==> flow/design.v <==
module ex_diff_unit_rtl (CLK, aresetn, in0, in1, dir, d, co);
   parameter W = 128;
   input CLK;
   input aresetn;
   input signed [W-1:0] in0;
   input signed [W-1:0] in1;
   input dir;
   output [W-1:0] d;
   output co;
   wire [W-1:0] t2;
   assign t2 = in1 ^ {W{dir}};
   wire [W-1:0] t;
   assign t = $unsigned(in0) + t2 + dir;
   reg [W-1:0] r_d;
   always @(posedge CLK or negedge aresetn) begin
      if (~aresetn) begin
         r_d <= 0;
      end else begin
         r_d <= t[W-1:0];
      end
   end
   assign d = r_d;
   reg r_co;
   always @(posedge CLK or negedge aresetn) begin
      if (~aresetn) begin
         r_co <= 1'b0;
      end else begin
         r_co <= (in0[W-1] == t2[W-1]) && (t[W-1] != in0[W-1]);
      end
   end
   assign co = r_co;
endmodule
# Tool chain data of ex_diff_unit_rtl
# Tool output for the design above, in the order of the flow.
# Line numbers count from 1 in the design file above.
# Library cell names are shortened.
# A cell with - has no value.
# inputs
top_module	ex_diff_unit_rtl
clock_port	CLK
lib	sky130hd
lib_corner	tt_025C_1v80

# Word-level counts
# Yosys after proc, flatten, opt, wreduce and memory -nomap, before mapping. Enables and synchronous resets that opt folds into registers are not counted as muxes. Memory bits, and registers merged into a memory's read port (data or address), are not among the register bits. Print and check cells are not counted. Equal cells are merged and count once.
# bits
clocked_rd_ports_x_width	0
romBits	0
regBits	129
memories	0
inputBits	259
latchBits	0
mem_bits_rw	0
# classes
shift	0
cmp	0
div_mod_pow	0
equal	2
logic	1
n_reduce_logical	1
add_sub_neg	2
n_mux	0
n_mul	0
# ops
cell	n
128-bit by 1-bit adder with 128-bit output	1
128-bit adder	1
128-bit bitwise XOR	1
1-bit == test	1
1-bit != test	1
1-bit logical AND	1

# Logic depth
# Yosys ltp: most cells in a row. Word level: on the elaborated netlist, between registers, memories and ports. Mapped: between sequential cells and ports; inverters and the memories' decode and read muxes count.
# depth
word_depth	5
abc_area	0
ltp_mapped	17
mapped_depth_nobuf	14

# Mapped cells and area
# Source: synth_stat.txt of the flow (Yosys; design flattened, memories mapped). It holds for the ABC_AREA given above (unset counts as 0); a run with the other value may have another netlist.
# Totals and module areas in this step are rounded.
# synth_totals
ff_cells	129
sequential_area_um2	3230
mapped_cells	1640
mapped_area_um2	13100
buf_cells	74
# types
cell_type	n	area_total_um2
dfrtp_1	129	3.23E+03
ha_1	126	1.58E+03
xor2_1	166	1.45E+03
a21oi_1	212	1.06E+03
xnor2_1	79	691.914
nand2_1	161	604.33
o21ai_0	110	550.528
nor2_1	101	379.114
nand4_1	58	362.848
o21bai_1	45	337.824
a21o_1	33	247.738
inv_1	57	213.955
clkbuf_1	55	206.448
nor3_1	39	195.187
o31ai_1	17	127.622
a31oi_1	20	125.12
nand3_1	22	110.106
nand2b_1	16	100.096
# Not listed: further types 52, cells in them 194.

# Path before layout
# Source: OpenSTA report_checks on the synthesized netlist (no wires, ideal clock, input and output delay 20% of the period each), path of least setup slack; recovery checks are left aside. Register names are those of the netlist, which keeps one name where synthesis merged equal registers.
# synth_path
path_type	input to register
startpoint	input port dir
endpoint	register r_d[126]
driving_pins	17
period_ns	6.46
input_delay_ns	1.292
path_delay_ns	4.137
arrival_time_ns	5.318
path_slack_ns	1.030
period_less_setup_slack_ns	5.43
# "path_delay_ns" is the arrival time less input delay plus setup time.
# "driving_pins" counts driving pins, that of a launching flip-flop among them; a cell with two outputs on the path counts twice.
# "period_less_setup_slack_ns" = period - worst setup slack (recovery checks aside). The figure is calculated, with input and output delays left at 20% of the set period.
# The rows between start and end are the longest chain of elaborated cells between them; the timing report does not say that the signal goes this way. Where chains are equally long, one stands for them.
# Each line given opens the expression or statement behind the cell; cells for indexed reads and writes are added by Yosys, which also makes memories of some case tables.
# synth_between
cell_sequence	clkbuf_1 > buf_1 > clkbuf_1 > xor2_1 > ha_1 > buf_2 > nand3_2 > a2111oi_4 > nor2_2 > o41ai_2 > o311ai_2 > a2111oi_4 > nand2b_1 > a31oi_2 > a21oi_4 > mux2i_1 > a2111oi_2
elab_chain_cells	3
cells_between	3
classes_between	add/sub: 2; logic: 1
# synth_rtl
item	line	text
start, declared	7	input dir;
128-bit bitwise XOR	11	assign t2 = in1 ^ {W{dir}};
128-bit adder	13	assign t = $unsigned(in0) + t2 + dir;
128-bit by 1-bit adder with 128-bit output	13
end, assigned	17	r_d <= 0;
end, assigned	19	r_d <= t[W-1:0];
end, declared	14	reg [W-1:0] r_d;

# Path in the finished layout
# Path of least setup slack in the final report of entry A (OpenROAD, finished layout, wires in). Where an end is a register, its clock arrival counts in the times.
# layout_path
path_type	input to register
startpoint	input port in1[1]
endpoint	register r_d[82]
path_slack_ns	0.75
period_ns	6.46
driving_pins	15
arrival_time_ns	6.08
input_delay_ns	1.29
# The rows between start and end are the longest chain of elaborated cells between them; the timing report does not say that the signal goes this way. Where chains are equally long, one stands for them.
# layout_between
cell_sequence	clkdlybuf4s50_1 > xor2_1 > inv_1 > fa_1 > nand2b_1 > a2111oi_4 > nor2_2 > o41ai_2 > o311ai_2 > a211oi_1 > a41oi_1 > o21ai_1 > a41oi_1 > o21ai_1 > xnor2_1
elab_chain_cells	3
cells_between	3
classes_between	add/sub: 2; logic: 1
# layout_rtl
item	line	text
start, declared	6	input signed [W-1:0] in1;
128-bit bitwise XOR	11	assign t2 = in1 ^ {W{dir}};
128-bit adder	13	assign t = $unsigned(in0) + t2 + dir;
128-bit by 1-bit adder with 128-bit output	13
end, assigned	17	r_d <= 0;
end, assigned	19	r_d <= t[W-1:0];
end, declared	14	reg [W-1:0] r_d;

# Record of 2 stored runs of the RTL-to-layout flow on ex_diff_unit_rtl, platform sky130hd. The runs are unordered. Constraints: input delay and output delay 20% of the set period each, output load 0.01 pF.
# By "timing.achieved_period_ns" is meant the clock period of the run minus its worst setup slack. This is arithmetic on one report: input and output delays are still those of the set period (20% each).
# "final_power_uw" is the tool's figure for a default switching activity; nothing was simulated.
# Results are given in rounded form.
# A setting shown as -- is not set for that run.
# A result given as -- is not shown for that run.
run name	period_ns	CAP_MARGIN	CORE_MARGIN	CORE_UTILIZATION	SLEW_MARGIN	SETUP_SLACK_MARGIN	PLACE_DENSITY_LB_ADDON	CELL_PAD_IN_SITES_DETAIL_PLACEMENT	ABC_AREA	GPL_TIMING_DRIVEN	CTS_CLUSTER_SIZE	MIN_ROUTING_LAYER	design.die.area_um2	fin_tns_ns	timing.achieved_period_ns	fin_ws_ns	fin_util_pct	final_power_uw	yosys.chip_area_um2
entry A	6.46	20	2	40	20	--	--	--	--	--	--	--	34200	0.000	5.714	0.746	55.3	4670	13100
entry B	10.1	20	2	57	15	-0.6	0.11	1	0	0	16	met2	--	--	--	--	--	--	--
# Entry B: not finished: placement ended with error DPL-0033
